==> flow/design.v <==
module alu_data_mux_p #(
  parameter int XLEN = 3,
  parameter int NIN = 24,
  parameter int LG = $clog2(NIN)
) (
  input  logic clk_i,
  input  logic aresetn,
  input  logic valid,
  input  logic [NIN*XLEN-1:0] ch,
  input  logic [LG-1:0] s,
  output logic [XLEN-1:0] q
);
  always_ff @(posedge clk_i or negedge aresetn) begin
    if (~aresetn) begin
      q <= 0;
    end else if (valid) begin
      q <= ch[s*XLEN +: XLEN];
    end
  end
endmodule
==> Step by step through the tools: alu_data_mux_p <==
Tool output for the design above, in the order of the flow.
Lines are those of the file above, counted from 1.
Cell names lack the library's common part.
{ "setup": {"design": "alu_data_mux_p", "clock": "clk_i", "cell_library": "sky130hd", "lib_corner": "tt_025C_1v80"} }

==> Elaborated design <==
Counts by Yosys on the flattened word-level netlist (proc, flatten, opt, wreduce; memories kept). Register bits leave out memories and registers merged into their read ports (data or address); mux counts leave out enables and synchronous resets folded into registers. Print and check cells are left out. Cells with the same type and inputs are merged into one.
{ "word_totals": {"regBits": 3, "word_cells": 3, "in_bits": 80, "output_inout_bits": 3} }
{ "op_classes": {"multipliers": 1, "shift": 1} }
{ "op_table": {"columns": ["operator", "n"], "rows": [
  ["72-bit by 8-bit variable part select with 3-bit output", 1],
  ["5-bit by 2-bit multiplier with 7-bit output (second input constant)", 1]
]} }

==> Logic depth <==
Longest topological path by Yosys (ltp), each cell counted once; first at word level (registers and memories cut), then after technology mapping (sequential cells cut; the memories' decode and read muxes count).
{ "depth": {"word_depth": 2, "ABC_AREA": 0, "depth_mapped": 6, "mapped_depth_nobuf": 4} }

==> Synthesis result <==
Yosys stat after the flow's synthesis: flattened, memories mapped to cells. It holds for the ABC_AREA given above (unset counts as 0); a run with the other value may have another netlist.
{ "types": {"columns": ["type", "n", "area_total_um2"], "rows": [
  ["mux2i_1", 36, 360.346],
  ["dfrtp_1", 3, 75.072],
  ["a21oi_1", 9, 45.043],
  ["a22oi_1", 6, 45.043],
  ["nand2_1", 12, 45.043],
  ["nand3_1", 9, 45.043],
  ["buf_8", 2, 30.029],
  ["a41oi_1", 3, 26.275],
  ["nor2b_1", 4, 25.024],
  ["buf_4", 3, 22.522],
  ["buf_6", 2, 22.522],
  ["buf_12", 1, 20.019],
  ["nand4_1", 3, 18.768],
  ["nor2_1", 5, 18.768],
  ["nand2b_1", 2, 12.512],
  ["and2_1", 1, 6.256],
  ["or2_2", 1, 6.256]
]} }
{ "mapped": {"seqArea_mm2": 0.0000751, "buf_cells": 8, "yosys_area_mm2": 0.0008245, "cell_count": 102, "ff_cells": 3} }

==> Path before layout <==
Source: OpenSTA report_checks on the synthesized netlist (no wires, ideal clock, input and output delay 20% of the period each), path of least setup slack; recovery checks are left aside. Register names are those of the netlist, which keeps one name where synthesis merged equal registers.
{ "synth_path": {"kind": "input-to-reg", "start": "input port s[0]", "end": "register q[0]", "period_ns": 1.41, "delay_ns": 0.905, "launch_ns": 0.282, "stages": 6, "t_arrival_ns": 1.099, "in_delay_ns": 0.282, "required_ns": 1.322, "setup_ns": 0.088, "path_buffers": 2, "slack_ns": 0.222, "period_less_setup_slack_ns": 1.188} }
"delay_ns" is the arrival time less input delay plus setup time.
"stages": output pins that drive a net of the path, with the launching flip-flop's if there is one; two outputs of one cell count as two.
"period_less_setup_slack_ns" is the clock period less the worst setup slack; recovery checks do not enter. This is arithmetic on one report: input and output delays are still those of the set period (20% each).
Between the ends stands the longest chain of elaborated cells between them, by number of cells; it is not shown to be the way that was timed. Of several equally long chains one is given.
Each line given opens the expression or statement behind the cell; cells for indexed reads and writes are added by Yosys, which also makes memories of some case tables.
{ "synth_between": {"cell_sequence": "buf_4 buf_12 mux2i_1 a22oi_1 nand3_1 a41oi_1", "elab_chain_cells": 2, "cells_between": 2, "cone_lines": 1, "cone_classes": "mul (1); shift (1)"} }
{ "synth_rtl": {"columns": ["element", "line_no", "rtl"], "rows": [
  ["from (decl)", 10, "input  logic [LG-1:0] s,"],
  ["5-bit by 2-bit multiplier with 7-bit output", 17, "q <= ch[s*XLEN +: XLEN];"],
  ["72-bit by 8-bit variable part select with 3-bit output", 17, null],
  ["to (assign)", 15, "q <= 0;"],
  ["to (assign)", 17, null],
  ["to (decl)", 11, "output logic [XLEN-1:0] q"]
]} }

==> Timing after layout <==
From the final timing report of record 1: the path of least setup slack in the routed layout; clock arrival at registers is part of the times.
{ "layout_path": {"kind": "input-to-reg", "start": "input port s[3]", "end": "register q[1]", "path_buffers": 1, "slack_ns": 0.02, "stages": 5, "launch_ns": 0.28, "period_ns": 1.41, "t_arrival_ns": 1.56, "in_delay_ns": 0.28, "required_ns": 1.58, "setup_ns": 0.09} }
Between the ends stands the longest chain of elaborated cells between them, by number of cells; it is not shown to be the way that was timed. Of several equally long chains one is given.
{ "layout_between": {"cell_sequence": "clkdlybuf4s50_1 or2_2 a21oi_1 nand3_1 a41oi_2", "elab_chain_cells": 2, "cells_between": 2, "cone_lines": 1, "cone_classes": "mul (1); shift (1)"} }
{ "layout_rtl": {"columns": ["element", "line_no", "rtl"], "rows": [
  ["from (decl)", 10, "input  logic [LG-1:0] s,"],
  ["5-bit by 2-bit multiplier with 7-bit output", 17, "q <= ch[s*XLEN +: XLEN];"],
  ["72-bit by 8-bit variable part select with 3-bit output", 17, null],
  ["to (assign)", 15, "q <= 0;"],
  ["to (assign)", 17, null],
  ["to (decl)", 11, "output logic [XLEN-1:0] q"]
]} }

Memo
Re: implementation data of alu_data_mux_p

3 stored runs of alu_data_mux_p in the flow (synthesis by Yosys, layout by OpenROAD, sky130hd cells), in arbitrary order. Constraints: input delay and output delay 20% of the set period each, output load 0.01 pF.
"achievedPeriod_ns" means the clock period less the worst setup slack. The figure is calculated, with input and output delays left at 20% of the set period.
"power_uw": no workload was simulated; the value follows from the tool's default switching activity.

Record 1
==> flow/run.sh <==
#!/bin/bash
# the make line also repeats the synthesis and layout settings of config.mk as NAME=value (left out here)
make -C /OpenROAD-flow-scripts/flow DESIGN_CONFIG=/design/flow/config.mk WORK_HOME=/design/flow/orfs CLKGATE_MAP_FILE= finish
==> flow/config.mk <==
export PLATFORM = sky130hd
export DESIGN_NAME = alu_data_mux_p
export DESIGN_NICKNAME = alu_data_mux_p
export VERILOG_FILES = /design/flow/design.v
export SDC_FILE = /design/flow/constraint.sdc
export NUM_CORES = 4
export LEC_CHECK = 0
export CAP_MARGIN = 20
export CORE_MARGIN = 2
export CORE_UTILIZATION = 40
export SLEW_MARGIN = 20
==> flow/constraint.sdc <==
create_clock -name core_clock -period 1.41 [get_ports {clk_i}]
set_input_delay 0.2820 -clock core_clock [delete_from_list [all_inputs] [get_ports {clk_i}]]
set_output_delay 0.2820 -clock core_clock [all_outputs]
set_load 0.01 [all_outputs]

==> results of record 1, as JSON <==
{
  "synthesis_area_mm2": 0.0008245,
  "layout_stdcell_area_mm2": 0.0017717,
  "layout_utilization_pct": 90.3,
  "achievedPeriod_ns": 1.392,
  "power_uw": 796.4,
  "die_footprint_mm2": 0.0024404,
  "fin_ws_ns": 0.018,
  "fin_tns_ns": 0.000
}

Record 2
==> flow/run.sh <==
#!/bin/bash
# the make line also repeats the synthesis and layout settings of config.mk as NAME=value (left out here)
make -C /OpenROAD-flow-scripts/flow DESIGN_CONFIG=/design/flow/config.mk WORK_HOME=/design/flow/orfs CLKGATE_MAP_FILE= finish
==> flow/config.mk <==
export PLATFORM = sky130hd
export DESIGN_NAME = alu_data_mux_p
export DESIGN_NICKNAME = alu_data_mux_p
export VERILOG_FILES = /design/flow/design.v
export SDC_FILE = /design/flow/constraint.sdc
export NUM_CORES = 4
export LEC_CHECK = 0
export CAP_MARGIN = 20
export CELL_PAD_IN_SITES_DETAIL_PLACEMENT = 1
export CELL_PAD_IN_SITES_GLOBAL_PLACEMENT = 0
export CORE_ASPECT_RATIO = 0.68
export CORE_MARGIN = 2
export CORE_UTILIZATION = 67
export CTS_CLUSTER_DIAMETER = 82
export CTS_CLUSTER_SIZE = 20
export GPL_ROUTABILITY_DRIVEN = 1
export SETUP_SLACK_MARGIN = 0.05
export SLEW_MARGIN = 20
==> flow/constraint.sdc <==
create_clock -name core_clock -period 1.58 [get_ports {clk_i}]
set_input_delay 0.3160 -clock core_clock [delete_from_list [all_inputs] [get_ports {clk_i}]]
set_output_delay 0.3160 -clock core_clock [all_outputs]
set_load 0.01 [all_outputs]

==> results of record 2, as JSON <==
{
  "outcome": "unfinished; error PDN-0185 in floorplanning"
}

Record 3
==> flow/run.sh <==
#!/bin/bash
# the make line also repeats the synthesis and layout settings of config.mk as NAME=value (left out here)
make -C /OpenROAD-flow-scripts/flow DESIGN_CONFIG=/design/flow/config.mk WORK_HOME=/design/flow/orfs CLKGATE_MAP_FILE= finish
==> flow/config.mk <==
export PLATFORM = sky130hd
export DESIGN_NAME = alu_data_mux_p
export DESIGN_NICKNAME = alu_data_mux_p
export VERILOG_FILES = /design/flow/design.v
export SDC_FILE = /design/flow/constraint.sdc
export NUM_CORES = 4
export LEC_CHECK = 0
export ABC_AREA = 0
export CAP_MARGIN = 20
export CORE_ASPECT_RATIO = 1.32
export CORE_MARGIN = 2
export CORE_UTILIZATION = 72
export GPL_ROUTABILITY_DRIVEN = 1
export MAX_ROUTING_LAYER = met4
export PLACE_DENSITY_LB_ADDON = 0.04
export SLEW_MARGIN = 20
export TNS_END_PERCENT = 95
==> flow/constraint.sdc <==
create_clock -name core_clock -period 0.85 [get_ports {clk_i}]
set_input_delay 0.1700 -clock core_clock [delete_from_list [all_inputs] [get_ports {clk_i}]]
set_output_delay 0.1700 -clock core_clock [all_outputs]
set_load 0.01 [all_outputs]

==> results of record 3, as JSON <==
{
  "outcome": "unfinished; error FLW-0024 in placement"
}
